==> flow/design.v <==
module dp_sel_unit_p #(
  parameter DATA_W = 3,
  parameter WAYS = 20,
  parameter LOGN = $clog2(WAYS)
) (
  input  wire clk_i,
  input  wire [WAYS*DATA_W-1:0] in_d,
  input  wire [LOGN-1:0] in_addr,
  output reg [DATA_W-1:0] out_res
);
  reg [WAYS*DATA_W-1:0] d_s;
  reg [LOGN-1:0] addr_s;
  always @(posedge clk_i) begin
    d_s <= in_d;
    addr_s <= in_addr;
  end
  wire [WAYS-1:0] hot = {{(WAYS-1){1'b0}}, 1'b1} << addr_s;
  reg [DATA_W-1:0] val;
  integer idx;
  always @* begin
    val = 0;
    for (idx = 0; idx < WAYS; idx = idx + 1)
      val = val | (d_s[idx*DATA_W +: DATA_W] & {DATA_W{hot[idx]}});
  end
  always @(posedge clk_i) begin
    out_res <= val;
  end
endmodule
# Tool chain data of dp_sel_unit_p
# Tool output for the design above, in the order of the flow.
# Lines are those of the file above, counted from 1.
# Not given: n/a
# design
top_module	dp_sel_unit_p
clock_port	clk_i
library	sky130hd
corner	tt_025C_1v80

# Word-level counts
# Yosys after proc, flatten, opt, wreduce and memory -nomap, before mapping. Enables and synchronous resets that opt folds into registers are not counted as muxes. Memory bits, and registers merged into a memory's read port (data or address), are not among the register bits. Print and check cells are not counted. Equal cells are merged and count once.
# op_classes
logic	39
shift	1
# op_table
op	n
3-bit AND	20
3-bit OR	19
1-bit by 5-bit << shifter with 20-bit output with constant A	1
# word_totals
elab_cells	43
output_inout_bits	3
input_bits	66
reg_bits	68

# Depth
# Depth = most cells in a row (Yosys ltp): at word level without a register or memory, in the mapped netlist without a sequential cell, where the memories' decode and read muxes count.
# logic_depth
word_depth	21
ABC_AREA	0
depth_mapped	7
ltp_nobuf	4

# After synthesis
# Yosys stat after the flow's synthesis: flattened, memories mapped to cells. It holds for the ABC_AREA given above (unset counts as 0); a run with the other value may have another netlist.
# by_type
cell	n	area_total_um2
sky130_fd_sc_hd__dfxtp_1	68	1.36E+03
sky130_fd_sc_hd__mux2i_1	7	70.067
sky130_fd_sc_hd__mux2_2	6	67.565
sky130_fd_sc_hd__nand3_1	9	45.043
sky130_fd_sc_hd__nor3b_1	5	37.536
sky130_fd_sc_hd__nand3b_1	4	30.029
sky130_fd_sc_hd__a32oi_1	3	26.275
sky130_fd_sc_hd__and3b_1	3	26.275
sky130_fd_sc_hd__a31oi_1	4	25.024
sky130_fd_sc_hd__buf_2	5	25.024
sky130_fd_sc_hd__nand2b_1	4	25.024
sky130_fd_sc_hd__mux4_2	1	22.522
sky130_fd_sc_hd__nand2_1	5	18.768
sky130_fd_sc_hd__nor2b_1	3	18.768
sky130_fd_sc_hd__a211o_1	2	17.517
sky130_fd_sc_hd__o32ai_1	2	17.517
sky130_fd_sc_hd__or3b_1	2	17.517
sky130_fd_sc_hd__buf_4	2	15.014
# Not listed: further types 24, cells in them 35.
# synth_totals
synth_area_um2	2109.5
cell_count	170
flip_flops	68
sequential_area_um2	1361.3
n_buf	12

# Timing after synthesis
# OpenSTA on the mapped netlist: ideal clock, no wires. The path of least setup slack (recovery checks aside). Input and output delay are each 20% of the period. Register names are those of the netlist, which keeps one name where synthesis merged equal registers.
# synth_path
kind	flip-flop to flip-flop
startpoint	register addr_s[0]
endpoint	register out_res[1]
path_stages	5
t_arrival_ns	1.507
delay_ns	1.641
launch_ns	0.000
period_ns	2.05
slack_ns	0.409
n_path_buf	1
period_less_setup_slack_ns	1.641
# "delay_ns" = arrival - input delay + setup time.
# "path_stages" counts driving pins, that of a launching flip-flop among them; a cell with two outputs on the path counts twice.
# "period_less_setup_slack_ns" is the clock period less the worst setup slack; recovery checks do not enter. This is arithmetic on one report: input and output delays are still those of the set period (20% each).
# Between the ends stands the longest chain of elaborated cells between them, by number of cells; it is not shown to be the way that was timed. Of several equally long chains one is given.
# Each line given opens the expression or statement behind the cell; cells for indexed reads and writes are added by Yosys, which also makes memories of some case tables.
# synth_between
path_cell_list	sky130_fd_sc_hd__dfxtp_1 sky130_fd_sc_hd__buf_6 sky130_fd_sc_hd__mux4_2 sky130_fd_sc_hd__and3_1 sky130_fd_sc_hd__or4_1
elab_chain_cells	21
# synth_lines
element	line_no	source
start: declaration	12	reg [LOGN-1:0] addr_s;
start: assignment	15	addr_s <= in_addr;
1-bit by 5-bit << shifter with 20-bit output	17	wire [WAYS-1:0] hot = {{(WAYS-1){1'b0}}, 1'b1} << addr_s;
3-bit AND	23	val = val | (d_s[idx*DATA_W +: DATA_W] & {DATA_W{hot[idx]}});
3-bit OR (19 in a row)	23
end: assignment	26	out_res <= val;
end: declaration	9	output reg [DATA_W-1:0] out_res

# Worst path after layout
# From the final timing report of flow run 1: the path of least setup slack in the routed layout; clock arrival at registers is part of the times.
# layout_path
kind	flip-flop to flip-flop
startpoint	register addr_s[1]
endpoint	register out_res[1]
t_arrival_ns	2.01
launch_ns	0.31
period_ns	2.05
slack_ns	0.22
path_stages	6
n_path_buf	1
# Between the ends stands the longest chain of elaborated cells between them, by number of cells; it is not shown to be the way that was timed. Of several equally long chains one is given.
# layout_between
path_cell_list	sky130_fd_sc_hd__dfxtp_1 sky130_fd_sc_hd__buf_4 sky130_fd_sc_hd__nor2_1 sky130_fd_sc_hd__nand3_1 sky130_fd_sc_hd__nand4_1 sky130_fd_sc_hd__or4_1
elab_chain_cells	21
# layout_lines
element	line_no	source
start: declaration	12	reg [LOGN-1:0] addr_s;
start: assignment	15	addr_s <= in_addr;
1-bit by 5-bit << shifter with 20-bit output	17	wire [WAYS-1:0] hot = {{(WAYS-1){1'b0}}, 1'b1} << addr_s;
3-bit AND	23	val = val | (d_s[idx*DATA_W +: DATA_W] & {DATA_W{hot[idx]}});
3-bit OR (19 in a row)	23
end: assignment	26	out_res <= val;
end: declaration	9	output reg [DATA_W-1:0] out_res

# Top module dp_sel_unit_p; platform sky130hd; tools Yosys and OpenROAD; 3 stored runs in no particular order. Input and output delays are each 20% of the period that was set; the output load is 0.01 pF.
# "timing.achieved_period_ns" = clock period - worst setup slack. The figure is calculated, with input and output delays left at 20% of the set period.
# "worst_path_allowed_less_slack_ns": the worst setup path's part of the clock period (all of it between registers, 20% less for each end at a port) less its slack. A launch clock that arrives late makes it longer, a capture clock that arrives late makes it shorter.
# A setting shown as . is not set for that run.
# Results: . = not shown.
item,flow run 1,flow run 2,flow run 3
period_ns,2.05,1.33,1.89
CAP_MARGIN,20,40,20
CORE_MARGIN,2,2,2
CORE_UTILIZATION,40,20,72
SLEW_MARGIN,20,15,25
HOLD_SLACK_MARGIN,.,-0.05,.
CELL_PAD_IN_SITES_GLOBAL_PLACEMENT,.,2,.
ABC_AREA,.,0,1
CTS_CLUSTER_SIZE,.,29,.
CTS_CLUSTER_DIAMETER,.,261,.
MAX_ROUTING_LAYER,.,met5,.
SETUP_SLACK_MARGIN,.,.,0.56
PLACE_DENSITY,.,.,0.85
CORE_ASPECT_RATIO,.,.,0.6
MIN_ROUTING_LAYER,.,.,met2
layout_stdcell_area_um2,3084.2,3437.1,.
synthesis_area_um2,2109.5,2109.5,.
tns_setup_ns,0.000,-0.693,.
post_route_util_frac,0.604,0.334,.
worst_path_allowed_less_slack_ns,1.83,1.60,.
critical_path_kind,flip-flop to flip-flop,flip-flop to flip-flop,.
timing.achieved_period_ns,1.825,1.603,.
fin_ws_ns,0.225,-0.273,.
die_um2,5870.6,11384.9,.
# Flow run 3: no results, placement failed with GPL-0301
